==> flow/design.v <==
module dp_arith_n (i_clk, rst, opa, opb, op, diff);
   parameter DW = 128;
   input i_clk;
   input rst;
   input [DW-1:0] opa;
   input [DW-1:0] opb;
   input op;
   output reg [DW-1:0] diff;
   reg [DW-1:0] work;
   always @* begin
      if (op)
         work = opa - opb;
      else
         work = opa + opb;
   end
   always @(posedge i_clk) begin
      if (rst) begin
         diff <= 0;
      end else begin
         diff <= work;
      end
   end
endmodule
# == Tool chain data of dp_arith_n ==
# The steps from the RTL of dp_arith_n to its reports follow in flow order.
# Lines are those of the file above, counted from 1.
# Cell names lack the library's common part.
# A cell with -- has no value.
# design
design,dp_arith_n
clock,i_clk
cell_library,sky130hd
lib_corner,tt_025C_1v80

# == Elaborated design ==
# Yosys after proc, flatten, opt, wreduce and memory -nomap, before mapping. Enables and synchronous resets that opt folds into registers are not counted as muxes. Memory bits, and registers merged into a memory's read port (data or address), are not among the register bits. Print and check cells are not counted. Equal cells are merged and count once.
# op_classes
add_sub_neg,2
n_mux,1
# op_table
op,n
adder 128 bit,1
subtractor 128 bit,1
two-way mux 128 bit,1
# word_totals
ff_bits,128
inputBits,259
out_inout_bits,128
wordCells,4

# == Depth ==
# Yosys ltp: most cells in a row. Word level: on the elaborated netlist, between registers, memories and ports. Mapped: between sequential cells and ports; inverters and the memories' decode and read muxes count.
# depth
ltp_word,2
abc_area,0
depth_mapped,24
mapped_depth_nobuf,22

# == Synthesis result ==
# The flow's flattened synthesis, as Yosys stat reports it; memories are mapped. The netlist is that of the ABC_AREA named above (0 if unset); the other value can give another one.
# mapped
cells,2159
yosys_area_um2,15050.7
seqArea_um2,2562.5
flip_flops,128
# by_type
type,n
dfxtp_1,128
xnor2_1,188
ha_1,128
a21oi_1,265
nor2_1,307
nand2_1,182
o21ai_0,110
nor3_1,94
nand4_1,71
xor2_1,44
a21o_1,49
o21bai_1,45
clkbuf_1,77
a31oi_1,43
inv_1,58
nor4_1,27
nor2b_1,24
or3_1,23
# Other cell types: 68; their cells: 296.

# == Path before layout ==
# Path of least setup slack by OpenSTA after synthesis, without wires, with an ideal clock, recovery checks aside; 20% of the period is set as input and as output delay. Where synthesis merged equal registers, the netlist keeps one of their names.
# synth_timing
path_kind,input-to-reg
from,in opb[55]
to,reg diff[116]
period_ps,7280
in_delay_ps,1456
setup_ps,123
launch_ps,1456
t_arrival_ps,5994
path_slack_ps,1163
path_delay_ps,4661
path_stages,19
n_path_buf,1
period_less_setup_slack_ps,6117
# "path_delay_ps" is the arrival time less input delay plus setup time.
# "path_stages" counts driving pins, that of a launching flip-flop among them; a cell with two outputs on the path counts twice.
# "period_less_setup_slack_ps" = period - worst setup slack (recovery checks aside). The figure is calculated, with input and output delays left at 20% of the set period.
# The rows between start and end are the longest chain of elaborated cells between them; the timing report does not say that the signal goes this way. Where chains are equally long, one stands for them.
# Each line given opens the expression or statement behind the cell; cells for indexed reads and writes are added by Yosys, which also makes memories of some case tables.
# synth_via
cell_sequence,or4_1 nor3_1 and4_1 nand2_2 nor2_2 a21oi_1 xnor2_1 ha_1 buf_2 a21o_1 a21o_1 a221oi_2 o221ai_1 a311o_1 a21o_1 nor3_2 o21ai_1 a221oi_2 mux2_1
elab_chain_cells,2
# synth_lines
item,line,text
"start, declared",6,input [DW-1:0] opb;
adder 128 bit,14,work = opa + opb;
two-way mux 128 bit,11,if (op)
"end, assigned",18,diff <= 0;
"end, assigned",20,diff <= work;
"end, declared",8,output reg [DW-1:0] diff;

# == Worst path after layout ==
# From the final timing report of flow run A: the path of least setup slack in the routed layout; clock arrival at registers is part of the times.
# The report prints the path's times to 10 ps; the period is as set.
# layout_timing
path_kind,input-to-reg
from,in opb[17]
to,reg diff[127]
period_ps,7280
in_delay_ps,1460
setup_ps,150
launch_ps,1460
t_arrival_ps,7330
path_slack_ps,260
path_stages,21
n_path_buf,4
# The rows between start and end are the longest chain of elaborated cells between them; the timing report does not say that the signal goes this way. Where chains are equally long, one stands for them.
# layout_via
cell_sequence,clkdlybuf4s50_1 nor4_2 nand3_1 or4_1 buf_4 nor4_2 buf_4 nor2b_1 a21oi_1 xnor2_1 ha_1 nand2_1 or3_1 nor3_1 inv_1 o221ai_2 a221oi_1 buf_4 a2111oi_0 or3_1 a21oi_1
elab_chain_cells,2
# layout_lines
item,line,text
"start, declared",6,input [DW-1:0] opb;
adder 128 bit,14,work = opa + opb;
two-way mux 128 bit,11,if (op)
"end, assigned",18,diff <= 0;
"end, assigned",20,diff <= work;
"end, declared",8,output reg [DW-1:0] diff;

# Record of 2 stored runs of the RTL-to-layout flow on dp_arith_n, platform sky130hd. The runs are unordered. Constraints: input delay and output delay 20% of the set period each, output load 0.01 pF.
# "timing.achieved_period_ps" is the run's clock period less its worst setup slack. It is reckoned from that one timing run; input and output delays stay at 20% of the period that was set.
# By "worstPathTime_ps" is meant the share of the clock period that the worst setup path is allowed (20% is reserved at inputs, 20% at outputs), minus its slack. Clock arrival times at its registers enter into it.
# "design_power_w" rests on the timing tool's default activity at the inputs, not on a simulated workload.
# "worstPathTime_ps" is given in steps of 10 ps.
# Among the settings, n/a means not set for that run.
# A result given as n/a is not shown for that run.
run name,period_ns,CAP_MARGIN,CORE_MARGIN,CORE_UTILIZATION,SLEW_MARGIN,CELL_PAD_IN_SITES_GLOBAL_PLACEMENT,CELL_PAD_IN_SITES_DETAIL_PLACEMENT,CTS_CLUSTER_SIZE,MAX_ROUTING_LAYER,design_power_w,synthesis_area_um2,die_um2,setupTns_ps,finalUtil_pct,timing.achieved_period_ps,cell_area_final_um2,hold_ws_ps,worstPathTime_ps,timing.worst_path_kind,fin_ws_ps
flow run A,7.28,20,2,40,20,n/a,n/a,n/a,n/a,0.004191,15050.7,39194.1,0,57.4,7020,21449.3,1550,5560,input-to-reg,260
flow run B,6.9,25,2,64,0,0,1,73,met5,n/a,n/a,n/a,n/a,n/a,n/a,n/a,n/a,n/a,n/a,n/a
# Flow run B: not finished: placement ended with error DPL-0033
